==> flow/design.v <==
module mux_mod #(
  parameter integer DATA_WIDTH = 2,
  parameter integer N_IN = 64,
  parameter integer SW = $clog2(N_IN)
) (
  input wire sys_clk,
  input wire enable,
  input wire [N_IN*DATA_WIDTH-1:0] src,
  input wire [SW-1:0] s,
  output wire [DATA_WIDTH-1:0] o
);
  reg [N_IN*DATA_WIDTH-1:0] r_src;
  reg [SW-1:0] r_s;
  always @(posedge sys_clk) begin
    if (enable) begin
      r_src <= src;
      r_s <= s;
    end
  end
  wire [DATA_WIDTH-1:0] lvl [1:2*N_IN-1];
  genvar k;
  generate
    for (k = 0; k < N_IN; k = k + 1) begin : stage
      assign lvl[N_IN+k] = r_src[k*DATA_WIDTH +: DATA_WIDTH];
    end
    for (k = 1; k < N_IN; k = k + 1) begin : g_bit
      sel2 #(.N(DATA_WIDTH)) el (.a(lvl[2*k]), .b(lvl[2*k+1]), .s(r_s[SW - $clog2(k+1)]), .y(lvl[k]));
    end
  endgenerate
  assign o = lvl[1];
endmodule
module sel2 #(parameter N = 1) (
  input wire [N-1:0] a,
  input wire [N-1:0] b,
  input wire s,
  output wire [N-1:0] y
);
  assign y = s ? b : a;
endmodule
# Reports on mux_mod
# What the tools print for mux_mod, step after step.
# Line numbers count from 1 in the design file above.
# Operators carry their Yosys type and port widths (W data, S select, Z words).
# The mark n/a stands for no value.
dict set report setup {
  top_module {mux_mod}
  clock {sys_clk}
  cell_library {sky130hd}
  lib_corner {tt_025C_1v80}
}

# Elaborated design
# Counts by Yosys on the flattened word-level netlist (proc, flatten, opt, wreduce). Print and check cells are left out. Cells with the same type and inputs are merged into one.
dict set report bits {
  ff_bits 134
  in_bits 136
  output_inout_bits 2
  word_cells 65
}
dict set report op_classes {
  muxes 63
}
# op count
set op_table {}
lappend op_table {{$mux W2} 63}

# Depth
# Depth = most cells in a row (Yosys ltp): at word level without a register or memory, in the mapped netlist without a sequential cell, where the memories' decode and read muxes count.
dict set report depth {
  ltp_word 6
  ABC_AREA 1
  ltp_mapped 10
  depth_no_buf 9
}

# Synthesis result
# The flow's flattened synthesis, as Yosys stat reports it; memories are mapped. The netlist is that of the ABC_AREA named above (0 if unset); the other value can give another one.
# cell count type_area_um2
set types {}
lappend types {sky130_fd_sc_hd__edfxtp_1 134 4.02E+03}
lappend types {sky130_fd_sc_hd__nand2_1 162 608.083}
lappend types {sky130_fd_sc_hd__nand3_1 108 540.518}
lappend types {sky130_fd_sc_hd__buf_2 13 65.062}
lappend types {sky130_fd_sc_hd__buf_6 5 56.304}
lappend types {sky130_fd_sc_hd__buf_4 6 45.043}
lappend types {sky130_fd_sc_hd__inv_1 5 18.768}
lappend types {sky130_fd_sc_hd__inv_2 1 3.754}
dict set report mapped {
  cell_count 434
  synth_area_um2 5361.4
  seqArea_um2 4023.9
  ffs 134
  buf_cells 24
}

# Path before layout
# Path of least setup slack by OpenSTA after synthesis, without wires, with an ideal clock, recovery checks aside; 20% of the period is set as input and as output delay. Where synthesis merged equal registers, the netlist keeps one of their names.
dict set report synth_path {
  kind {register to output}
  start {register r_s[0]}
  end {output port o[0]}
  period_ns 2.29
  out_delay_ns 0.458
  t_first_pin_ns 0.000
  t_arrival_ns 1.206
  required_ns 1.832
  slack_ns 0.626
  path_delay_ns 1.206
  stages 11
  path_buffers 2
  period_less_setup_slack_ns 1.664
}
# "path_delay_ns" = arrival - input delay + setup time.
# A path that ends at an output port has no setup time.
# "stages" counts driving pins, that of a launching flip-flop among them; a cell with two outputs on the path counts twice.
# "period_less_setup_slack_ns" is the clock period less the worst setup slack; recovery checks do not enter. This is arithmetic on one report: input and output delays are still those of the set period (20% each).
# Between the ends stands the longest chain of elaborated cells between them, by number of cells; it is not shown to be the way that was timed. Of several equally long chains one is given.
# Each line given opens the expression or statement behind the cell; cells for indexed reads and writes are added by Yosys, which also makes memories of some case tables.
dict set report synth_between {
  cell_sequence {sky130_fd_sc_hd__edfxtp_1 sky130_fd_sc_hd__buf_4 sky130_fd_sc_hd__buf_4 sky130_fd_sc_hd__nand2_1 sky130_fd_sc_hd__nand3_1 sky130_fd_sc_hd__nand3_1 sky130_fd_sc_hd__nand2_1 sky130_fd_sc_hd__nand2_1 sky130_fd_sc_hd__nand3_1 sky130_fd_sc_hd__nand3_1 sky130_fd_sc_hd__nand2_1}
  elab_chain_cells 6
  cells_between 63
  lines_between 1
  cone_classes {63 x mux}
}
# element line_no
set synth_rtl {}
lappend synth_rtl {{from (decl)} 13} ;# reg [SW-1:0] r_s;
lappend synth_rtl {{from (assign)} 17} ;# r_s <= s;
lappend synth_rtl {{$mux W2 (6 in a row)} 38} ;# assign y = s ? b : a;
lappend synth_rtl {{to (decl)} 10} ;# output wire [DATA_WIDTH-1:0] o

# Worst path after layout
# Path of least setup slack in the final report of entry A (OpenROAD, finished layout, wires in). Where an end is a register, its clock arrival counts in the times.
dict set report layout_path {
  kind {register to output}
  start {register r_s[0]}
  end {output port o[0]}
  period_ns 2.13
  out_delay_ns 0.43
  t_first_pin_ns 0.53
  t_arrival_ns 2.30
  required_ns 1.70
  slack_ns -0.59
  stages 13
  path_buffers 3
}
# Between the ends stands the longest chain of elaborated cells between them, by number of cells; it is not shown to be the way that was timed. Of several equally long chains one is given.
dict set report layout_between {
  cell_sequence {sky130_fd_sc_hd__edfxtp_1 sky130_fd_sc_hd__inv_4 sky130_fd_sc_hd__buf_12 sky130_fd_sc_hd__clkbuf_16 sky130_fd_sc_hd__nand2_4 sky130_fd_sc_hd__nand3_4 sky130_fd_sc_hd__nand3_2 sky130_fd_sc_hd__nand2_2 sky130_fd_sc_hd__nand2_1 sky130_fd_sc_hd__nand3_1 sky130_fd_sc_hd__nand3_1 sky130_fd_sc_hd__nand2_1 sky130_fd_sc_hd__buf_6}
  elab_chain_cells 6
  cells_between 63
  lines_between 1
  cone_classes {63 x mux}
}
# element line_no
set layout_rtl {}
lappend layout_rtl {{from (decl)} 13} ;# reg [SW-1:0] r_s;
lappend layout_rtl {{from (assign)} 17} ;# r_s <= s;
lappend layout_rtl {{$mux W2 (6 in a row)} 38} ;# assign y = s ? b : a;
lappend layout_rtl {{to (decl)} 10} ;# output wire [DATA_WIDTH-1:0] o

# Flow measurements of mux_mod on sky130hd: 3 stored runs with different settings, listed in no order. Input and output delays are each 20% of the period that was set; the output load is 0.01 pF.
# "clock_period_reached_ns" is the run's clock period less its worst setup slack. It is reckoned from that one timing run; input and output delays stay at 20% of the period that was set.
# "critical_path_time_ns" means the part of the period allowed to the worst setup path (the constraints hold back 20% at inputs and 20% at outputs) less its slack; where the path has registers, the arrival times of their clocks count too.
# "final_power_uw" is the tool's figure for a default switching activity; nothing was simulated.
run="entry A" settings period_ns=2.13 CORE_UTILIZATION=59 SETUP_SLACK_MARGIN=0.17 PLACE_DENSITY_LB_ADDON=0.28 CORE_MARGIN=3 CELL_PAD_IN_SITES_GLOBAL_PLACEMENT=1 CELL_PAD_IN_SITES_DETAIL_PLACEMENT=0 TNS_END_PERCENT=55 ABC_AREA=1 GPL_ROUTABILITY_DRIVEN=1 CTS_CLUSTER_DIAMETER=217 SLEW_MARGIN=35 CAP_MARGIN=20
run="entry A" results synthesis_area_um2=5361.4 die_footprint_um2=10266.8 post_route_util_frac=0.898 ws_setup_ns=-0.594 final_setup_tns_ns=-1.153 fin_hold_ws_ns=0.306 final_power_uw=7250 clock_period_reached_ns=2.724 critical_path_time_ns=2.30 critical_path_kind="register to output"
run="entry B" settings period_ns=3.03 CORE_UTILIZATION=17 CELL_PAD_IN_SITES_GLOBAL_PLACEMENT=2 ABC_AREA=0 GPL_TIMING_DRIVEN=1 GPL_ROUTABILITY_DRIVEN=1 CAP_MARGIN=20 CORE_MARGIN=2 SLEW_MARGIN=20
run="entry B" results synthesis_area_um2=5235.0 die_footprint_um2=32213.1 post_route_util_frac=0.258 ws_setup_ns=0.091 final_setup_tns_ns=0.000 fin_hold_ws_ns=0.749 final_power_uw=4698 clock_period_reached_ns=2.939 critical_path_time_ns=2.33 critical_path_kind="register to output"
run="entry C" settings period_ns=2.29 CAP_MARGIN=20 CORE_MARGIN=2 CORE_UTILIZATION=40 SLEW_MARGIN=20
run="entry C" results synthesis_area_um2=5235.0 die_footprint_um2=14018.6 post_route_util_frac=0.591 ws_setup_ns=-0.367 final_setup_tns_ns=-0.716 fin_hold_ws_ns=0.465 final_power_uw=6017 clock_period_reached_ns=2.657 critical_path_time_ns=2.20 critical_path_kind="register to output"
